==> flow/design.v <==
module sync_adder #(
    parameter BITS = 7
) (
    input wire aclk,
    input wire i_rst,
    input wire valid,
    input wire [BITS-1:0] u_i,
    input wire [BITS-1:0] v_i,
    input wire [BITS-1:0] w_i,
    output reg [BITS+1:0] q_o
);
    reg [BITS-1:0] r_u;
    reg [BITS-1:0] r_v;
    reg [BITS-1:0] r_w;
    reg [BITS:0] r_tmp;
    reg [BITS-1:0] r_w_d;
    always @(posedge aclk or posedge i_rst) begin
        if (i_rst) begin
            r_u <= 0;
            r_v <= 0;
            r_w <= 0;
            r_tmp <= 0;
            r_w_d <= 0;
            q_o <= 0;
        end else if (valid) begin
            r_u <= u_i;
            r_v <= v_i;
            r_w <= w_i;
            r_tmp <= r_u + r_v;
            r_w_d <= r_w;
            q_o <= r_tmp + r_w_d;
        end
    end
endmodule
# Reports on sync_adder

Module sync_adder in several versions that differ in "BITS"; each step lists the members.
The file above is the member BITS 7. Line numbers count from 1 in each member's own file.
Operators carry their Yosys type and port widths (W data, S select, Z words).
Library cell names are shortened.
The mark -- stands for no value.

Top module: sync_adder
Clock port: aclk
Library: sky130hd
Library corner: tt_025C_1v80

# Members of the sweep

Lines of each other member's file that are new or changed against the file above; lines that a member lacks are not shown.

New or changed lines:

| BITS | RTL line | RTL |
| 8    | 2        | `parameter BITS = 8` |
| 12   | 2        | `parameter BITS = 12` |
| 18   | 2        | `parameter BITS = 18` |
| 64   | 2        | `parameter BITS = 64` |

# After elaboration

Yosys after proc, flatten, opt, wreduce and memory -nomap, before mapping. Enables and synchronous resets that opt folds into registers are not counted as muxes. Memory bits, and registers merged into a memory's read port (data or address), are not among the register bits. Print and check cells are not counted. Equal cells are merged and count once.

Operators by class:

| BITS | add/sub/neg operators | multipliers | div/mod/pow operators | magnitude comparators | equal/unequal tests | shift operators | multiplexer cells | bitwise gates (word level) | reduce/logical cells |
| 7    | 2                     | 0           | 0                     | 0                     | 0                   | 0               | 0                 | 0                          | 0 |
| 8    | 2                     | 0           | 0                     | 0                     | 0                   | 0               | 0                 | 0                          | 0 |
| 12   | 2                     | 0           | 0                     | 0                     | 0                   | 0               | 0                 | 0                          | 0 |
| 18   | 2                     | 0           | 0                     | 0                     | 0                   | 0               | 0                 | 0                          | 0 |
| 64   | 2                     | 0           | 0                     | 0                     | 0                   | 0               | 0                 | 0                          | 0 |

Operator list:

| BITS | kinds with counts |
| 7    | $add A8 B7 Y9: 1; $add A7 B7 Y8: 1 |
| 8    | $add A9 B8 Y10: 1; $add A8 B8 Y9: 1 |
| 12   | $add A13 B12 Y14: 1; $add A12 B12 Y13: 1 |
| 18   | $add A19 B18 Y20: 1; $add A18 B18 Y19: 1 |
| 64   | $add A65 B64 Y66: 1; $add A64 B64 Y65: 1 |

Storage and ports:

| BITS | bits in registers | bits in latches | RAM bits | bits in read-only memories | clocked read ports x word width | memory cells | input bits | output and inout bits | elaborated cells |
| 7    | 45                | 0               | 0        | 0                          | 0                               | 0            | 24         | 9                     | 8 |
| 8    | 51                | 0               | 0        | 0                          | 0                               | 0            | 27         | 10                    | 8 |
| 12   | 75                | 0               | 0        | 0                          | 0                               | 0            | 39         | 14                    | 8 |
| 18   | 111               | 0               | 0        | 0                          | 0                               | 0            | 57         | 20                    | 8 |
| 64   | 387               | 0               | 0        | 0                          | 0                               | 0            | 195        | 66                    | 8 |

# Depth

Yosys ltp: most cells in a row. Word level: on the elaborated netlist, between registers, memories and ports. Mapped: between sequential cells and ports; inverters and the memories' decode and read muxes count.

Logic depth:

| BITS | word-level depth | ABC_AREA | depth in mapped cells |
| 7    | 1                | 0        | 7 |
| 8    | 1                | 0        | 8 |
| 12   | 1                | 0        | 8 |
| 18   | 1                | 0        | 9 |
| 64   | 1                | 0        | 13 |

# Mapped cells and area

Yosys stat after the flow's synthesis: flattened, memories mapped to cells. It holds for the ABC_AREA given above (unset counts as 0); a run with the other value may have another netlist.

Cells by type:

| BITS | types with counts |
| 7    | dfrtp_1: 45; mux2_2: 30; ha_1: 14; a211oi_1: 10; o21ai_0: 10; fa_1: 2; o2bb2ai_1: 4; buf_2: 6; nand2_1: 8; a21o_1: 3; inv_1: 6; nor2_1: 6; o21bai_1: 3; nor3_1: 4; a2111oi_0: 2; nor4b_1: 2; xnor2_1: 2; a221oi_2: 1; [+29] |
| 8    | dfrtp_1: 51; mux2_2: 36; ha_1: 16; o21ai_0: 11; nand2_1: 13; nor2_1: 12; xnor2_1: 5; fa_1: 2; a21oi_1: 7; nor3_1: 7; a211oi_1: 4; a21o_1: 4; o21a_1: 4; inv_1: 7; o2bb2ai_1: 3; a211oi_2: 2; buf_6: 2; o211ai_1: 3; [+19] |
| 12   | dfrtp_1: 75; mux2_2: 55; ha_1: 24; a21oi_1: 16; nand2_1: 19; o21a_1: 9; o21ai_0: 11; a211oi_1: 6; a21o_1: 6; xnor2_1: 5; nor2_1: 11; fa_1: 2; nor3_1: 8; o31ai_2: 3; inv_1: 8; nand3_1: 6; o31a_1: 3; buf_2: 5; [+56] |
| 18   | dfrtp_1: 111; mux2_2: 91; ha_1: 36; a21o_1: 18; a21oi_1: 26; xnor2_1: 14; nor2_1: 23; xor2_1: 9; o21ai_0: 14; a211oi_1: 9; nand2_1: 17; o21a_1: 7; a211o_1: 5; fa_1: 2; clkbuf_1: 10; nor2b_1: 6; o211ai_2: 3; o21bai_1: 5; [+76] |
| 64   | dfrtp_1: 387; mux2_2: 358; ha_1: 128; a21oi_1: 161; xnor2_1: 69; nand2_1: 131; o21ai_0: 84; a21o_1: 50; xor2_1: 42; nor2_1: 84; clkbuf_1: 80; nand4_1: 35; o21bai_1: 23; o21a_1: 22; inv_1: 40; a211oi_1: 18; nand3_1: 25; o211ai_1: 15; [+213] |

A list marked [+n] leaves out that many cells.

Synthesis totals:

| BITS | cell count | cell area after synthesis (um^2) | sequential part of the area (um^2) | flip-flops | buffer cells |
| 7    | 187        | 2,279.7                          | 1,126.1                            | 45         | 7 |
| 8    | 208        | 2,542.4                          | 1,276.2                            | 51         | 7 |
| 12   | 328        | 3,891.2                          | 1,876.8                            | 75         | 11 |
| 18   | 482        | 5,813.1                          | 2,777.7                            | 111        | 15 |
| 64   | 1,965      | 21,739.6                         | 9,684.3                            | 387        | 93 |

# Worst setup path after synthesis

Path of least setup slack by OpenSTA after synthesis, without wires, with an ideal clock, recovery checks aside; 20% of the period is set as input and as output delay. Where synthesis merged equal registers, the netlist keeps one of their names.

Timing after synthesis:

| BITS | kind       | from              | to                 | period (ns) | setup slack (ns) | stages | delay of the path (ns) | synthesis period reached (ns) |
| 7    | reg-to-reg | register r_tmp[0] | register q_o[8]    | 2.32        | 0.462            | 7      | 1.858                  | 1.858 |
| 8    | reg-to-reg | register r_u[0]   | register r_tmp[6]  | 2.33        | 0.464            | 8      | 1.865                  | 1.866 |
| 12   | reg-to-reg | register r_u[0]   | register r_tmp[10] | 2.57        | 0.515            | 8      | 2.055                  | 2.055 |
| 18   | reg-to-reg | register r_tmp[0] | register q_o[18]   | 2.89        | 0.574            | 9      | 2.316                  | 2.316 |
| 64   | reg-to-reg | register r_tmp[0] | register q_o[38]   | 4.02        | 0.801            | 14     | 3.219                  | 3.219 |

"delay of the path" is the arrival time less input delay plus setup time.
"stages" counts driving pins, that of a launching flip-flop among them; a cell with two outputs on the path counts twice.
"synthesis period reached" = period - worst setup slack (recovery checks aside). The figure is calculated, with input and output delays left at 20% of the set period.
Between the ends stands the longest chain of elaborated cells between them, by number of cells; it is not shown to be the way that was timed. Of several equally long chains one is given.
A line is the first line of the expression or statement that the cell stems from. Yosys adds cells for indexed reads and writes and turns some case tables into memories.

On the way, after synthesis, BITS 7:
Length of the longest elaborated chain: 1

RTL lines, path after synthesis, BITS 7:

| element         | RTL line | RTL |
| start, declared | 15       | `reg [BITS:0] r_tmp;` |
| start, assigned | 22       | `r_tmp <= 0;` |
| start, assigned | 29       | `r_tmp <= r_u + r_v;` |
| $add A8 B7 Y9   | 31       | `q_o <= r_tmp + r_w_d;` |
| end, assigned   | 24       | `q_o <= 0;` |
| end, assigned   | 31       |  |
| end, declared   | 10       | `output reg [BITS+1:0] q_o` |

On the way, after synthesis, BITS 64:
Length of the longest elaborated chain: 1

RTL lines, path after synthesis, BITS 64:

| element          | RTL line | RTL |
| start, declared  | 15       | `reg [BITS:0] r_tmp;` |
| start, assigned  | 22       | `r_tmp <= 0;` |
| start, assigned  | 29       | `r_tmp <= r_u + r_v;` |
| $add A65 B64 Y66 | 31       | `q_o <= r_tmp + r_w_d;` |
| end, assigned    | 24       | `q_o <= 0;` |
| end, assigned    | 31       |  |
| end, declared    | 10       | `output reg [BITS+1:0] q_o` |

# Worst path after layout

Path of least setup slack in the final report of each member's run (OpenROAD, finished layout, wires in). Where an end is a register, its clock arrival counts in the times.

Timing after layout:

| BITS | kind       | from              | to                 | period (ns) | setup slack (ns) | stages | arrival time (ns) |
| 7    | reg-to-reg | register r_tmp[0] | register q_o[8]    | 2.32        | 0.28             | 7      | 2.22 |
| 8    | reg-to-reg | register r_u[0]   | register r_tmp[6]  | 2.33        | 0.29             | 8      | 2.23 |
| 12   | reg-to-reg | register r_u[0]   | register r_tmp[10] | 2.57        | 0.36             | 8      | 2.46 |
| 18   | reg-to-reg | register r_tmp[0] | register q_o[18]   | 2.89        | 0.30             | 9      | 2.82 |
| 64   | reg-to-reg | register r_tmp[0] | register q_o[38]   | 4.02        | 0.30             | 14     | 4.19 |

# Measured runs

One run of the flow (Yosys, OpenROAD) for each member, with settings and measured results. Input and output delays are each 20% of the period that was set; the output load is 0.01 pF.

CAP_MARGIN: 20
CORE_MARGIN: 2
CORE_UTILIZATION: 40
SLEW_MARGIN: 20

Settings by member:

| BITS | period_ns |
| 7    | 2.32 |
| 8    | 2.33 |
| 12   | 2.57 |
| 18   | 2.89 |
| 64   | 4.02 |

Final reports:

| BITS | mapped cell area after synthesis (um^2) | die area (um^2) | standard-cell area after layout (um^2) | utilization (%) | setup slack of the critical path (ns) | worst hold slack in the final report (ns) | achieved period (ns) |
| 7    | 2,279.7                                 | 6,319.5         | 2,790.2                                | 50.7            | 0.280                                 | 0.477                                     | 2.040 |
| 8    | 2,542.4                                 | 7,009.9         | 3,075.4                                | 49.3            | 0.291                                 | 0.483                                     | 2.039 |
| 12   | 3,891.2                                 | 10,532.9        | 4,783.3                                | 51.3            | 0.357                                 | 0.489                                     | 2.213 |
| 18   | 5,813.1                                 | 15,512.7        | 7,113.1                                | 49.5            | 0.302                                 | 0.493                                     | 2.588 |
| 64   | 21,739.6                                | 56,230.6        | 26,578.0                               | 49.4            | 0.302                                 | 0.497                                     | 3.718 |

"achieved period": clock period set for the run, less the worst setup slack. It is reckoned from that one timing run; input and output delays stay at 20% of the period that was set.
